==> flow/design.v <==
module multiplier #(
  parameter integer DW = 20
) (
  input sys_clk,
  input aresetn,
  input [DW-1:0] i_src1,
  input [DW-1:0] i_src2,
  input [2*DW-1:0] i_src3,
  output [2*DW:0] o_p
);
  reg [2*DW:0] p_reg;
  always @(posedge sys_clk) begin
    if (~aresetn) begin
      p_reg <= 0;
    end else begin
      p_reg <= i_src1 * i_src2 + i_src3;
    end
  end
  assign o_p = p_reg;
endmodule
Tool chain data of multiplier
What the tools print for multiplier, step after step.
Line numbers count from 1 in the design file above.
Operators: Yosys type, input widths -> output width; for muxes data width and select width s.
Cell names lack the library's common part.
{ "design": {"top": "multiplier", "clock_port": "sys_clk", "cell_library": "sky130hd", "pvt_corner": "tt_025C_1v80"} }

Word level
Yosys after proc, flatten, opt, wreduce and memory -nomap, before mapping. Enables and synchronous resets that opt folds into registers are not counted as muxes. Memory bits, and registers merged into a memory's read port (data or address), are not among the register bits. Print and check cells are not counted. Equal cells are merged and count once.
{ "classes": {"addsub": 1, "n_mul": 1} }
{ "op_table": {"columns": ["operator", "count"], "rows": [
  ["$mul 20x20->40", 1],
  ["$add 40x40->41", 1]
]} }
{ "bits": {"register_bits": 41, "elab_cells": 3, "in_bits": 82} }

Depth
Depth = most cells in a row (Yosys ltp): at word level without a register or memory, in the mapped netlist without a sequential cell, where the memories' decode and read muxes count.
{ "depth": {"word_depth": 2, "ABC_AREA": 0, "ltp_mapped": 24, "mapped_depth_nobuf": 22} }

After synthesis
Yosys stat after the flow's synthesis: flattened, memories mapped to cells. It holds for the ABC_AREA given above (unset counts as 0); a run with the other value may have another netlist.
The area totals of this step are shown rounded.
{ "types": {"columns": ["type", "count", "area_total_um2"], "rows": [
  ["fa_1", 360, 7.21E+03],
  ["ha_1", 145, 1814.24],
  ["inv_1", 401, 1.51E+03],
  ["and2_1", 219, 1.37E+03],
  ["nand2_1", 225, 844.56],
  ["dfxtp_1", 41, 820.787],
  ["clkbuf_1", 92, 345.331],
  ["a21oi_1", 41, 205.197],
  ["nor2_1", 51, 191.434],
  ["xnor2_1", 19, 166.41],
  ["a21o_1", 17, 127.622],
  ["o21ai_0", 20, 100.096],
  ["xor2_1", 11, 96.342],
  ["mux2i_1", 8, 80.077],
  ["nand2b_1", 7, 43.792],
  ["nand4_1", 7, 43.792],
  ["nand3_1", 8, 40.038],
  ["and3_1", 6, 37.536]
]} }
Not listed: further types 35, cells in them 62.
{ "synth_totals": {"cell_count": 1740, "flip_flops": 41, "area_um2": 16000, "buf_cells": 95, "sequential_area_um2": 820} }

Timing after synthesis
Path of least setup slack by OpenSTA after synthesis, without wires, with an ideal clock, recovery checks aside; 20% of the period is set as input and as output delay. Where synthesis merged equal registers, the netlist keeps one of their names.
{ "synth_path": {"path_kind": "input -> register", "from": "input i_src2[5]", "to": "register p_reg[39]", "required_ns": 9.018, "input_delay_ns": 1.818, "launch_ns": 1.818, "path_stages": 21, "delay_ns": 5.817, "t_arrival_ns": 7.563, "setup_ns": 0.072, "path_slack_ns": 1.455, "period_ns": 9.09, "path_buffers": 1, "period_less_setup_slack_ns": 7.635} }
"delay_ns" = arrival - input delay + setup time.
"path_stages": output pins that drive a net of the path, with the launching flip-flop's if there is one; two outputs of one cell count as two.
"period_less_setup_slack_ns" is the clock period less the worst setup slack; recovery checks do not enter. This is arithmetic on one report: input and output delays are still those of the set period (20% each).
Between the ends stands the longest chain of elaborated cells between them, by number of cells; it is not shown to be the way that was timed. Of several equally long chains one is given.
Each line given opens the expression or statement behind the cell; cells for indexed reads and writes are added by Yosys, which also makes memories of some case tables.
{ "synth_between": {"cell_sequence": "clkbuf_1 > and2_1 > fa_1 > inv_1 > fa_1 > fa_1 > inv_1 > fa_1 > fa_1 > fa_1 > inv_1 > fa_1 > inv_1 > ha_1 > nand2_1 > nor3_1 > a211o_1 > a311oi_2 > o311ai_1 > a221oi_1 > mux2i_1", "elab_chain_len": 2, "cone_cells": 2, "lines_between": 1} }
{ "synth_lines": {"columns": ["element", "line_no", "rtl"], "rows": [
  ["start, declared", 7, "input [DW-1:0] i_src2,"],
  ["$mul 20x20->40", 16, "p_reg <= i_src1 * i_src2 + i_src3;"],
  ["$add 40x40->41", 16, null],
  ["end, assigned", 14, "p_reg <= 0;"],
  ["end, assigned", 16, null],
  ["end, declared", 11, "reg [2*DW:0] p_reg;"]
]} }

Path in the finished layout
From the final timing report of run 2: the path of least setup slack in the routed layout; clock arrival at registers is part of the times.
{ "layout_path": {"path_kind": "input -> register", "from": "input i_src1[8]", "to": "register p_reg[35]", "path_buffers": 2, "path_stages": 22, "setup_ns": 0.07, "path_slack_ns": 0.47, "period_ns": 9.09, "launch_ns": 1.82, "t_arrival_ns": 8.84, "required_ns": 9.31, "input_delay_ns": 1.82} }
Between the ends stands the longest chain of elaborated cells between them, by number of cells; it is not shown to be the way that was timed. Of several equally long chains one is given.
{ "layout_between": {"cell_sequence": "clkdlybuf4s50_1 > and2_1 > fa_1 > fa_1 > inv_1 > fa_1 > inv_1 > fa_1 > inv_1 > fa_1 > inv_1 > fa_1 > fa_1 > ha_1 > a21oi_1 > o21ai_0 > a211o_1 > a311oi_2 > buf_4 > o31ai_2 > a41oi_1 > mux2i_1", "elab_chain_len": 2, "cone_cells": 2, "lines_between": 1} }
{ "layout_lines": {"columns": ["element", "line_no", "rtl"], "rows": [
  ["start, declared", 6, "input [DW-1:0] i_src1,"],
  ["$mul 20x20->40", 16, "p_reg <= i_src1 * i_src2 + i_src3;"],
  ["$add 40x40->41", 16, null],
  ["end, assigned", 14, "p_reg <= 0;"],
  ["end, assigned", 16, null],
  ["end, declared", 11, "reg [2*DW:0] p_reg;"]
]} }

## Implementation results

Settings and measured results of 3 stored flow runs for module multiplier (sky130hd), not sorted in any way. The constraints put input and output delay at 20% of the set period each and load the outputs with 0.01 pF.
"worst_setup_path_time_ns" is the time allowed to the run's worst setup path (the clock period less input and output delay, where it has them) less its slack. Clock arrival times count: a late capture clock shortens it, a late launch clock lengthens it.
The measured numbers are rounded.
[
  {
    "run": "run 1",
    "settings": { "period_ns": 10.2, "CORE_UTILIZATION": 64, "SETUP_SLACK_MARGIN": -0.68, "CORE_ASPECT_RATIO": 0.69, "CELL_PAD_IN_SITES_GLOBAL_PLACEMENT": 3, "CELL_PAD_IN_SITES_DETAIL_PLACEMENT": 2, "TNS_END_PERCENT": 5, "CAP_MARGIN": 40, "MIN_ROUTING_LAYER": "met1", "CORE_MARGIN": 2, "SLEW_MARGIN": 20 },
    "outcome": "incomplete, placement halted on GPL-0301"
  },
  {
    "run": "run 2",
    "settings": { "period_ns": 9.09, "CAP_MARGIN": 20, "CORE_MARGIN": 2, "CORE_UTILIZATION": 40, "SLEW_MARGIN": 20 },
    "results": { "timing.hold.ws_ns": 2.3, "fin_util_frac": 0.46, "setup_worst_slack_ns": 0.47, "dieArea_um2": 41000, "worst_setup_path_time_ns": 6.80, "worst_path_kind": "input -> register", "fin_tns_ns": 0.000, "synthesis_area_um2": 16000 }
  },
  {
    "run": "run 3",
    "settings": { "period_ns": 6.02, "CORE_UTILIZATION": 28, "SETUP_SLACK_MARGIN": 0.26, "PLACE_DENSITY_LB_ADDON": 0.11, "CORE_ASPECT_RATIO": 1.53, "CORE_MARGIN": 3, "CELL_PAD_IN_SITES_GLOBAL_PLACEMENT": 3, "TNS_END_PERCENT": 20, "ABC_AREA": 1, "GPL_TIMING_DRIVEN": 0, "MIN_ROUTING_LAYER": "met2", "CAP_MARGIN": 20, "SLEW_MARGIN": 20 },
    "results": { "timing.hold.ws_ns": 1.2, "synthesis_area_um2": 16000, "worst_setup_path_time_ns": 5.27, "worst_path_kind": "input -> register", "dieArea_um2": 62000, "fin_util_frac": 0.36, "setup_worst_slack_ns": -0.45, "fin_tns_ns": -9.0 }
  }
]
